==> flow/design.v <==
module core_barrel_p (clock, src, count, q);
    parameter DATA_W = 8;
    localparam SEL_W = $clog2(DATA_W);
    input clock;
    input [DATA_W-1:0] src;
    input [SEL_W-1:0] count;
    output [DATA_W-1:0] q;
    reg [DATA_W-1:0] src_s;
    reg [SEL_W-1:0] count_s;
    always @(posedge clock) begin
        src_s <= src;
        count_s <= count;
    end
    wire [2*DATA_W-1:0] nxt;
    assign nxt = {src_s, src_s} >> count_s;
    assign q = nxt[DATA_W-1:0];
endmodule
[From RTL to reports: core_barrel_p]
Tool output for the design above, in the order of the flow.
Lines are those of the file above, counted from 1.
Operators carry their Yosys type and port widths (W data, S select, Z words).
Cell names lack the library's common part.
The mark -- stands for no value.
Design
  top: core_barrel_p
  clock port: clock
  cell library: sky130hd
  timing corner: tt_025C_1v80

[After elaboration]
Yosys after proc, flatten, opt, wreduce and memory -nomap, before mapping. Enables and synchronous resets that opt folds into registers are not counted as muxes. Memory bits, and registers merged into a memory's read port (data or address), are not among the register bits. Print and check cells are not counted. Equal cells are merged and count once.
Cells by class
  shifts and indexed selects: 1
Operators with widths (count)
  $shr A16 B3 Y8: 1
Storage and ports
  register bits after elaboration: 11
  output and inout bits: 8
  cells after elaboration: 3

[Depth]
Longest topological path by Yosys (ltp), each cell counted once; first at word level (registers and memories cut), then after technology mapping (sequential cells cut; the memories' decode and read muxes count).
Depth
  depth after elaboration: 1
  ABC_AREA: 0
  gate-level depth with buffers: 3
  mapped depth without buffers: 2

[Synthesis result]
Yosys stat after the flow's synthesis: flattened, memories mapped to cells. It holds for the ABC_AREA given above (unset counts as 0); a run with the other value may have another netlist.
Totals and module areas in this step are rounded.
Synthesis totals
  cells in the netlist: 30
  flip-flops: 11
  synthesis area: 546.8 um2
Cell types
  dfxtp_1: count 11, total area 220.211 um2
  mux4_1: count 8, total area 210.202 um2
  mux2_2: count 8, total area 90.086 um2
  buf_6: count 2, total area 22.522 um2
  buf_1: count 1, total area 3.754 um2

[Path before layout]
OpenSTA on the mapped netlist: ideal clock, no wires. The path of least setup slack (recovery checks aside). Input and output delay are each 20% of the period. Register names are those of the netlist, which keeps one name where synthesis merged equal registers.
Path after synthesis
  kind: register to output
  from: reg count_s[0]
  to: out q[0]
  clock period: 2000 ps
  arrival: 1279 ps
  slack: 321 ps
  stages on the path: 4
  delay of the path: 1279 ps
  data required time: 1600 ps
  synthesis period reached: 1679 ps
"delay of the path" = arrival - input delay + setup time.
A path that ends at an output port has no setup time.
"stages on the path" counts driving pins, that of a launching flip-flop among them; a cell with two outputs on the path counts twice.
"synthesis period reached" is the clock period less the worst setup slack; recovery checks do not enter. This is arithmetic on one report: input and output delays are still those of the set period (20% each).
Between the ends stands the longest chain of elaborated cells between them, by number of cells; it is not shown to be the way that was timed. Of several equally long chains one is given.
Each line given opens the expression or statement behind the cell; cells for indexed reads and writes are added by Yosys, which also makes memories of some case tables.
On the way, after synthesis
  path through: dfxtp_1 buf_6 mux4_1 mux2_2
  cells in the longest elaborated chain: 1
Ends and longest elaborated chain, after synthesis
  from (decl): RTL line 9  | reg [SEL_W-1:0] count_s;
  from (assign): RTL line 12  | count_s <= count;
  $shr A16 B3 Y8: RTL line 15  | assign nxt = {src_s, src_s} >> count_s;
  to (decl): RTL line 7  | output [DATA_W-1:0] q;

[Worst path after layout]
Path of least setup slack in the final report of flow run 1 (OpenROAD, finished layout, wires in). Where an end is a register, its clock arrival counts in the times.
The report prints the path's times to 10 ps; the period is as set.
Path post-layout
  kind: register to output
  from: reg count_s[0]
  to: out q[0]
  arrival: 1650 ps
  clock period: 2000 ps
  slack: -50 ps
  data required time: 1600 ps
  stages on the path: 5
Between the ends stands the longest chain of elaborated cells between them, by number of cells; it is not shown to be the way that was timed. Of several equally long chains one is given.
On the way, post-layout
  path through: dfxtp_2 buf_12 mux4_2 mux2_4 buf_6
  cells in the longest elaborated chain: 1
Ends and longest elaborated chain, post-layout
  from (decl): RTL line 9  | reg [SEL_W-1:0] count_s;
  from (assign): RTL line 12  | count_s <= count;
  $shr A16 B3 Y8: RTL line 15  | assign nxt = {src_s, src_s} >> count_s;
  to (decl): RTL line 7  | output [DATA_W-1:0] q;

Wiki page: core_barrel_p / flow data

Measured data: module core_barrel_p, platform sky130hd, 3 stored runs of the flow under differing settings, order arbitrary. Input and output delays are each 20% of the period that was set; the output load is 0.01 pF.
By "achieved clock period" is meant the clock period of the run minus its worst setup slack. This is arithmetic on one report: input and output delays are still those of the set period (20% each).
"critical path time": the worst setup path's part of the clock period (all of it between registers, 20% less for each end at a port) less its slack. A launch clock that arrives late makes it longer, a capture clock that arrives late makes it shorter.
"power" rests on the timing tool's default activity at the inputs, not on a simulated workload.
"critical path time" is known to 10 ps.
Results are given in rounded form.

==> flow run 1: settings <==
{ "period_ns": 2.0, "CAP_MARGIN": 20, "CORE_MARGIN": 2, "CORE_UTILIZATION": 40, "SLEW_MARGIN": 20 }
==> flow run 1: results <==
area inside the die boundary: 1,679 um2
achieved clock period: 2,053 ps
worst setup slack after layout: -53 ps
standard-cell area after layout: 783.3 um2
critical path time: 1,650 ps
class of the worst setup path: register to output
chip area in the Yosys report: 546.8 um2
power: 539 µW

==> flow run 2: settings <==
{ "period_ns": 1.77, "CORE_UTILIZATION": 69, "SETUP_SLACK_MARGIN": 0.52, "CORE_MARGIN": 10, "ABC_AREA": 0, "GPL_TIMING_DRIVEN": 0, "GPL_ROUTABILITY_DRIVEN": 1, "CAP_MARGIN": 20, "SLEW_MARGIN": 20 }
==> flow run 2: results <==
no results, floorplanning failed with PDN-0185

==> flow run 3: settings <==
{ "period_ns": 1.95, "CORE_UTILIZATION": 34, "PLACE_DENSITY": 0.63, "CORE_MARGIN": 5, "CELL_PAD_IN_SITES_DETAIL_PLACEMENT": 2, "GPL_TIMING_DRIVEN": 0, "GPL_ROUTABILITY_DRIVEN": 0, "SLEW_MARGIN": 30, "MAX_ROUTING_LAYER": "met4", "CAP_MARGIN": 20 }
==> flow run 3: results <==
area inside the die boundary: 2,510 um2
achieved clock period: 2,046 ps
worst setup slack after layout: -96 ps
standard-cell area after layout: 783.3 um2
critical path time: 1,660 ps
class of the worst setup path: register to output
chip area in the Yosys report: 546.8 um2
power: 557.4 µW
